==> flow/design.v <==
module gen_registers_v2 #(
  parameter integer ENTRIES = 64,
  parameter integer WD = 8,
  parameter integer N_READ = 1,
  parameter integer IDX_W = $clog2(ENTRIES)
) (
  input  CLK,
  input  nrst,
  input  load,
  input  [IDX_W-1:0] wr_addr,
  input  [WD-1:0] d,
  input  [N_READ*IDX_W-1:0] read_addr,
  output reg [N_READ*WD-1:0] rd_data
);
  reg load_q;
  reg [IDX_W-1:0] wr_addr_q;
  reg [WD-1:0] d_q;
  always @(posedge CLK or negedge nrst) begin
    if (~nrst) begin
      load_q <= 1'b0;
      wr_addr_q <= 0;
      d_q <= 0;
    end else begin
      load_q <= load;
      wr_addr_q <= wr_addr;
      d_q <= d;
    end
  end
  reg [ENTRIES*WD-1:0] ram;
  genvar ii;
  generate
    for (ii = 0; ii < ENTRIES; ii = ii + 1) begin : g_bit
      always @(posedge CLK)
        if (load_q && wr_addr_q == ii) ram[ii*WD +: WD] <= d_q;
    end
  endgenerate
  reg [N_READ*IDX_W-1:0] read_addr_q;
  always @(posedge CLK or negedge nrst) begin
    if (~nrst) begin
      read_addr_q <= 0;
    end else begin
      read_addr_q <= read_addr;
    end
  end
  reg [N_READ*WD-1:0] t;
  integer m;
  integer idx;
  always @* begin
    t = 0;
    for (m = 0; m < N_READ; m = m + 1) begin
      for (idx = 0; idx < ENTRIES; idx = idx + 1)
        t[m*WD +: WD] = t[m*WD +: WD] | (ram[idx*WD +: WD] & {WD{read_addr_q[m*IDX_W +: IDX_W] == idx}});
    end
  end
  always @(posedge CLK or negedge nrst) begin
    if (~nrst) begin
      rd_data <= 0;
    end else begin
      rd_data <= t;
    end
  end
endmodule
--- tool output ---
---- Step by step through the tools: gen_registers_v2 ----
Tool output for the members of one design family, told apart by "N_READ", in the order of the flow.
The file above is the member N_READ = 1. Line numbers count from 1 in each member's own file.
Operators: Yosys type, input widths -> output width; for muxes data width and select width s.
Library cell names are shortened.
The mark -- stands for no value.
design
  top ..................................... gen_registers_v2
  clock port .............................. CLK
  standard-cell library ................... sky130hd
  timing corner ........................... tt_025C_1v80

---- Source of the members ----
New or changed lines of each further member against the RTL above, in its own file; lines it lacks are not shown.
new or changed lines
  N_READ  RTL line  text
  2       4         parameter integer N_READ = 2,
  3       4         parameter integer N_READ = 3,

---- Word level ----
Yosys after proc, flatten, opt, wreduce and memory -nomap, before mapping. Enables and synchronous resets that opt folds into registers are not counted as muxes. Memory bits, and registers merged into a memory's read port (data or address), are not among the register bits. Print and check cells are not counted. Equal cells are merged and count once.
bit counts
  N_READ  output and inout bits  elaborated cells  bits in registers
  1       8                      388               541
  2       16                     579               555
  3       24                     770               569
cells by class
  N_READ  reduce/logical cells  equality and inequality tests  bitwise logic cells
  1       66                    126                            127
  2       67                    189                            254
  3       68                    252                            381
operators by type and width
  N_READ  kinds with counts
  1       $and 8x8->8 (64); $or 8x8->8 (63); $eq 6x6->1 const B (64); $eq 6x5->1 const B (32); $eq 6x4->1 const B (16); $logic_and 1x1->1 (64); $eq 6x3->1 const B (8); $eq 6x2->1 const B (4); $eq 6x1->1 const B (2); $logic_not 6->1 (2)
  2       $and 8x8->8 (128); $or 8x8->8 (126); $eq 6x6->1 const B (96); $eq 6x5->1 const B (48); $eq 6x4->1 const B (24); $eq 6x3->1 const B (12); $logic_and 1x1->1 (64); $eq 6x2->1 const B (6); $eq 6x1->1 const B (3); $logic_not 6->1 (3)
  3       $and 8x8->8 (192); $or 8x8->8 (189); $eq 6x6->1 const B (128); $eq 6x5->1 const B (64); $eq 6x4->1 const B (32); $eq 6x3->1 const B (16); $logic_and 1x1->1 (64); $eq 6x2->1 const B (8); $eq 6x1->1 const B (4); $logic_not 6->1 (4)

---- Logic depth ----
Longest topological path by Yosys (ltp), each cell counted once; first at word level (registers and memories cut), then after technology mapping (sequential cells cut; the memories' decode and read muxes count).
logic depth
  N_READ  depth in word-level cells  ABC_AREA  gate-level depth with buffers  depth with buffers taken out
  1       65                         0         9                              5
  2       65                         0         9                              5
  3       65                         0         9                              5

---- Synthesis result ----
The flow's flattened synthesis, as Yosys stat reports it; memories are mapped. The netlist is that of the ABC_AREA named above (0 if unset); the other value can give another one.
Totals and module areas in this step are rounded.
mapped netlist
  N_READ  cell count  buffer cells  mapped flip-flops  mapped area (sq um)  sequential area (sq um)
  1       1455        123           541                21000                16000
  2       2273        237           555                26000                16000
  3       3100        357           569                31000                17000
cell types
  N_READ  types with counts
  1       edfxtp_1 (512); nand3_1 (454); nand4_1 (120); dfrtp_1 (29); nor2_1 (67); buf_2 (48); and3b_1 (23); clkbuf_1 (52); nor4_1 (24); mux2_2 (8); mux2i_1 (9); a2bb2oi_1 (9); o21ai_0 (15); o211ai_1 (9); nor4b_2 (4); buf_6 (5); buf_1 (14); nor3b_1 (7); [+46]
  2       edfxtp_1 (512); nand3_1 (875); nand4_1 (233); dfrtp_1 (43); buf_2 (109); and3b_1 (46); clkbuf_1 (92); mux2_2 (30); nor4_1 (53); nor2_1 (71); nor4b_2 (9); o211ai_1 (18); o21ai_0 (27); a22oi_1 (16); nor3b_1 (14); buf_1 (26); and4b_1 (8); a32o_1 (7); [+84]
  3       edfxtp_1 (512); nand3_1 (1319); nand4_1 (354); dfrtp_1 (57); buf_2 (127); and3b_1 (66); clkbuf_1 (151); mux2_2 (46); nor4_1 (80); nor2_1 (69); nor4b_2 (14); buf_1 (53); nor3b_1 (26); o21ai_0 (35); a22oi_1 (21); buf_6 (14); o211ai_1 (20); nor4bb_1 (14); [+122]
A list marked [+n] leaves out that many cells.

---- Timing after synthesis ----
Path of least setup slack by OpenSTA after synthesis, without wires, with an ideal clock, recovery checks aside; 20% of the period is set as input and as output delay. Where synthesis merged equal registers, the netlist keeps one of their names.
timing path post-synthesis
  N_READ  path type  start point            end point         setup slack (ns)  stages on the path  period (ns)  delay of the path (ns)  period reached after synthesis (ns)
  1       reg2reg    register wr_addr_q[5]  register ram[10]  0.495             5                   2.46         1.965                   1.965
  2       reg2reg    register wr_addr_q[5]  register ram[10]  0.495             5                   2.46         1.965                   1.965
  3       reg2reg    register wr_addr_q[5]  register ram[10]  0.495             5                   2.46         1.965                   1.965
"delay of the path" = arrival - input delay + setup time.
"stages on the path": output pins that drive a net of the path, with the launching flip-flop's if there is one; two outputs of one cell count as two.
"period reached after synthesis" = period - worst setup slack (recovery checks aside). The figure is calculated, with input and output delays left at 20% of the set period.
The rows between start and end are the longest chain of elaborated cells between them; the timing report does not say that the signal goes this way. Where chains are equally long, one stands for them.
A line is the first line of the expression or statement that the cell stems from. Yosys adds cells for indexed reads and writes and turns some case tables into memories.
on the way, post-synthesis, N_READ = 1
  cells in the longest elaborated chain ... 2
ends and longest elaborated chain, post-synthesis, N_READ = 1
  what                RTL line  text
  start: declaration  16        reg [IDX_W-1:0] wr_addr_q;
  start: assignment   21        wr_addr_q <= 0;
  start: assignment   25        wr_addr_q <= wr_addr;
  $eq 6x1->1          34        if (load_q && wr_addr_q == ii) ram[ii*WD +: WD] <= d_q;
  $logic_and 1x1->1   34
  end: assignment     34
  end: declaration    29        reg [ENTRIES*WD-1:0] ram;
on the way, post-synthesis, N_READ = 3
  cells in the longest elaborated chain ... 2
ends and longest elaborated chain, post-synthesis, N_READ = 3
  what                RTL line  text
  start: declaration  16        reg [IDX_W-1:0] wr_addr_q;
  start: assignment   21        wr_addr_q <= 0;
  start: assignment   25        wr_addr_q <= wr_addr;
  $eq 6x1->1          34        if (load_q && wr_addr_q == ii) ram[ii*WD +: WD] <= d_q;
  $logic_and 1x1->1   34
  end: assignment     34
  end: declaration    29        reg [ENTRIES*WD-1:0] ram;

---- Path in the finished layout ----
From the final timing report of the run of each member: the path of least setup slack in the routed layout; clock arrival at registers is part of the times.
timing path post-layout
  N_READ  path type  start point               end point             arrival (ns)  path buffers  setup slack (ns)  period (ns)  stages on the path
  1       reg2reg    register read_addr_q[4]   register rd_data[0]   2.84          4             0.07              2.46         10
  2       reg2reg    register read_addr_q[11]  register rd_data[12]  2.96          3             -0.09             2.46         9
  3       reg2reg    register read_addr_q[15]  register rd_data[17]  2.99          4             -0.05             2.46         10

---- Layout results ----
Settings and results of one run of the flow (Yosys, OpenROAD) for each member follow. The constraints put input and output delay at 20% of the set period each and load the outputs with 0.01 pF.
flow settings
  period_ns ............................... 2.46
  CAP_MARGIN .............................. 20
  CORE_MARGIN ............................. 2
  CORE_UTILIZATION ........................ 40
  SLEW_MARGIN ............................. 20
final reports
  N_READ  period achieved (ns)  overall die area (sq um)  chip area after synthesis (Yosys) (sq um)  power (W)  lowest setup slack (ns)  final setup TNS (ns)  standard-cell area after layout (sq um)
  1       2.385                 55000                     21000                                      0.019      0.075                    0.000                 25000
  2       2.547                 67000                     26000                                      0.022      -0.087                   -0.31                 33000
  3       2.513                 80000                     31000                                      0.024      -0.053                   -0.85                 39000
"period achieved": clock period set for the run, less the worst setup slack. It is reckoned from that one timing run; input and output delays stay at 20% of the period that was set.
"power" rests on the timing tool's default activity at the inputs, not on a simulated workload.
Measured values are rounded.
--- end ---
